==> flow/design.v <==
module add_core #(
  parameter W = 6,
  parameter N = 3,
  parameter OUT_W = W + $clog2(N)
) (
  input  wire CLK,
  input  wire RST,
  input  wire enable,
  input  wire [N*W-1:0] d,
  output wire [OUT_W-1:0] s
);
  wire [OUT_W-1:0] lvl [1:2*N-1];
  genvar k;
  generate
    for (k = 0; k < N; k = k + 1) begin : u_g
      assign lvl[N+k] = d[k*W +: W];
    end
    for (k = 1; k < N; k = k + 1) begin : lane
      assign lvl[k] = lvl[2*k] + lvl[2*k+1];
    end
  endgenerate
  reg [OUT_W-1:0] s_q;
  always @(posedge CLK or posedge RST) begin
    if (RST) begin
      s_q <= 0;
    end else if (enable) begin
      s_q <= lvl[1];
    end
  end
  assign s = s_q;
endmodule
**Reports on add_core**

What the tools print for add_core, step after step.
Line numbers count from 1 in the design file above.
Cell names lack the library's common part.
A cell with n/a has no value.

- Top module: add_core
- Clock port: CLK
- Cell library: sky130hd
- Timing corner: tt_025C_1v80

**Word level**

Counts by Yosys on the flattened word-level netlist (proc, flatten, opt, wreduce; memories kept). Register bits leave out memories and registers merged into their read ports (data or address); mux counts leave out enables and synchronous resets folded into registers. Print and check cells are left out. Cells with the same type and inputs are merged into one.

- Add/sub/neg operators: 2

Operator list:

| cell | count |
|---|---|
| 8-bit by 6-bit adder with 8-bit output | 1 |
| 6-bit by 6-bit adder with 7-bit output | 1 |

- Input port bits: 21
- Register bits after elaboration: 8

**Logic depth**

Depth = most cells in a row (Yosys ltp): at word level without a register or memory, in the mapped netlist without a sequential cell, where the memories' decode and read muxes count.

- Word-level depth: 2
- ABC_AREA: 0
- Depth in mapped cells: 10
- Gate-level depth less buffers: 10

**Mapped cells and area**

Source: synth_stat.txt of the flow (Yosys; design flattened, memories mapped). It holds for the ABC_AREA given above (unset counts as 0); a run with the other value may have another netlist.
Totals and module areas in this step are rounded.

Cells by type:

| cell | count | area in all (um2) |
|---|---|---|
| dfrtp_1 | 8 | 200.192 |
| ha_1 | 12 | 150.144 |
| fa_1 | 2 | 40.038 |
| mux2_2 | 3 | 33.782 |
| xnor2_1 | 3 | 26.275 |
| o21ai_0 | 5 | 25.024 |
| a211oi_1 | 3 | 22.522 |
| a21o_1 | 3 | 22.522 |
| nor2_1 | 6 | 22.522 |
| a21oi_1 | 4 | 20.019 |
| inv_1 | 5 | 18.768 |
| a211o_1 | 2 | 17.517 |
| o21a_1 | 2 | 15.014 |
| o21bai_1 | 2 | 15.014 |
| nor2b_1 | 2 | 12.512 |
| o22ai_1 | 2 | 12.512 |
| a2111o_1 | 1 | 11.261 |
| and3_4 | 1 | 11.261 |

Other cell types: 15; their cells: 16.

- Area of sequential cells: 200 um2
- Mapped cells: 82
- Mapped area: 785 um2
- Mapped flip-flops: 8
- Buffers: 1

**Path before layout**

Path of least setup slack by OpenSTA after synthesis, without wires, with an ideal clock, recovery checks aside; 20% of the period is set as input and as output delay. Where synthesis merged equal registers, the netlist keeps one of their names.

- Path kind: input-to-reg
- Start: in d[6]
- End: reg s_q[6]
- Slack: 588 ps
- Driving pins on the path: 10
- Launch time at the first pin: 738 ps
- Period: 3690 ps
- Arrival time: 3020 ps
- Library setup time: 82 ps
- Data required time: 3608 ps
- Delay of the path: 2364 ps
- Input delay: 738 ps
- Synthesis period reached: 3102 ps

"delay of the path" is the arrival time less input delay plus setup time.
"driving pins on the path" counts driving pins, that of a launching flip-flop among them; a cell with two outputs on the path counts twice.
"synthesis period reached" is the clock period less the worst setup slack; recovery checks do not enter. This is arithmetic on one report: input and output delays are still those of the set period (20% each).
Between the ends stands the longest chain of elaborated cells between them, by number of cells; it is not shown to be the way that was timed. Of several equally long chains one is given.
A line is the first line of the expression or statement that the cell stems from. Yosys adds cells for indexed reads and writes and turns some case tables into memories.

- Path through: ha_1 > fa_1 > a211o_1 > nand2_1 > and2_1 > ha_1 > and3_4 > a221o_1 > a2111o_1 > a31oi_1
- Cells in the longest elaborated chain: 2
- Elaborated cells on any way between the ends: 2
- Classes of those cells: add/sub (2)

RTL lines, path post-synthesis:

| item | line | text |
|---|---|---|
| start, declared | 9 | `input  wire [N*W-1:0] d,` |
| 6-bit by 6-bit adder with 7-bit output | 19 | `assign lvl[k] = lvl[2*k] + lvl[2*k+1];` |
| 8-bit by 6-bit adder with 8-bit output | 19 |  |
| end, assigned | 25 | `s_q <= 0;` |
| end, assigned | 27 | `s_q <= lvl[1];` |
| end, declared | 22 | `reg [OUT_W-1:0] s_q;` |

**Path in the finished layout**

From the final timing report of job 1: the path of least setup slack in the routed layout; clock arrival at registers is part of the times.
The path's times are printed in steps of 10 ps; the period is the one set.

- Path kind: input-to-reg
- Start: in d[6]
- End: reg s_q[6]
- Data required time: 3860 ps
- Launch time at the first pin: 740 ps
- Period: 3690 ps
- Driving pins on the path: 11
- Slack: 280 ps
- Input delay: 740 ps
- Library setup time: 80 ps
- Arrival time: 3590 ps

Between the ends stands the longest chain of elaborated cells between them, by number of cells; it is not shown to be the way that was timed. Of several equally long chains one is given.

- Path through: clkdlybuf4s50_1 > ha_1 > fa_1 > a211o_1 > nand2_1 > and2_1 > ha_1 > and3_4 > a221o_1 > a2111o_1 > a31oi_1
- Cells in the longest elaborated chain: 2
- Elaborated cells on any way between the ends: 2
- Classes of those cells: add/sub (2)

RTL lines, path post-layout:

| item | line | text |
|---|---|---|
| start, declared | 9 | `input  wire [N*W-1:0] d,` |
| 6-bit by 6-bit adder with 7-bit output | 19 | `assign lvl[k] = lvl[2*k] + lvl[2*k+1];` |
| 8-bit by 6-bit adder with 8-bit output | 19 |  |
| end, assigned | 25 | `s_q <= 0;` |
| end, assigned | 27 | `s_q <= lvl[1];` |
| end, declared | 22 | `reg [OUT_W-1:0] s_q;` |

Measured data: module add_core, platform sky130hd, 3 stored runs of the flow under differing settings, order arbitrary. Input and output delays are each 20% of the period that was set; the output load is 0.01 pF.
"reached clock period": clock period set for the run, less the worst setup slack. It is reckoned from that one timing run; input and output delays stay at 20% of the period that was set.
"worst setup path time" means the part of the period allowed to the worst setup path (the constraints hold back 20% at inputs and 20% at outputs) less its slack; where the path has registers, the arrival times of their clocks count too.
"worst setup path time" is given in steps of 10 ps.
The measured numbers are rounded.

### Job 1

Settings: `period_ns=3.69`, `CAP_MARGIN=20`, `CORE_MARGIN=2`, `CORE_UTILIZATION=40`, `SLEW_MARGIN=20`

- Synthesis area: 785 um2
- Standard-cell area after layout: 1120 um2
- Worst setup path time: 2680 ps
- Critical path type: input-to-reg
- Die outline area: 2330 um2
- Reached clock period: 3414 ps
- Setup slack of the critical path: 276 ps
- Total negative slack on setup checks: 0 ps
- Utilization after layout: 58.8%

### Job 2

Settings: `period_ns=3.15`, `CORE_UTILIZATION=65`, `PLACE_DENSITY=0.67`, `GPL_ROUTABILITY_DRIVEN=1`, `CTS_CLUSTER_SIZE=63`, `CAP_MARGIN=30`, `SLEW_MARGIN=10`, `MIN_ROUTING_LAYER=met1`, `MAX_ROUTING_LAYER=met5`, `CORE_MARGIN=2`

No final report: placement broke off with GPL-0301.

### Job 3

Settings: `period_ns=3.42`, `CORE_UTILIZATION=30`, `SETUP_SLACK_MARGIN=0.88`, `CELL_PAD_IN_SITES_DETAIL_PLACEMENT=0`, `ABC_AREA=1`, `CTS_CLUSTER_SIZE=33`, `CAP_MARGIN=0`, `SLEW_MARGIN=30`, `MAX_ROUTING_LAYER=met4`, `CORE_MARGIN=2`

- Synthesis area: 828 um2
- Standard-cell area after layout: 1400 um2
- Worst setup path time: 1810 ps
- Critical path type: input-to-reg
- Die outline area: 3200 um2
- Reached clock period: 2492 ps
- Setup slack of the critical path: 928 ps
- Total negative slack on setup checks: 0 ps
- Utilization after layout: 52.1%
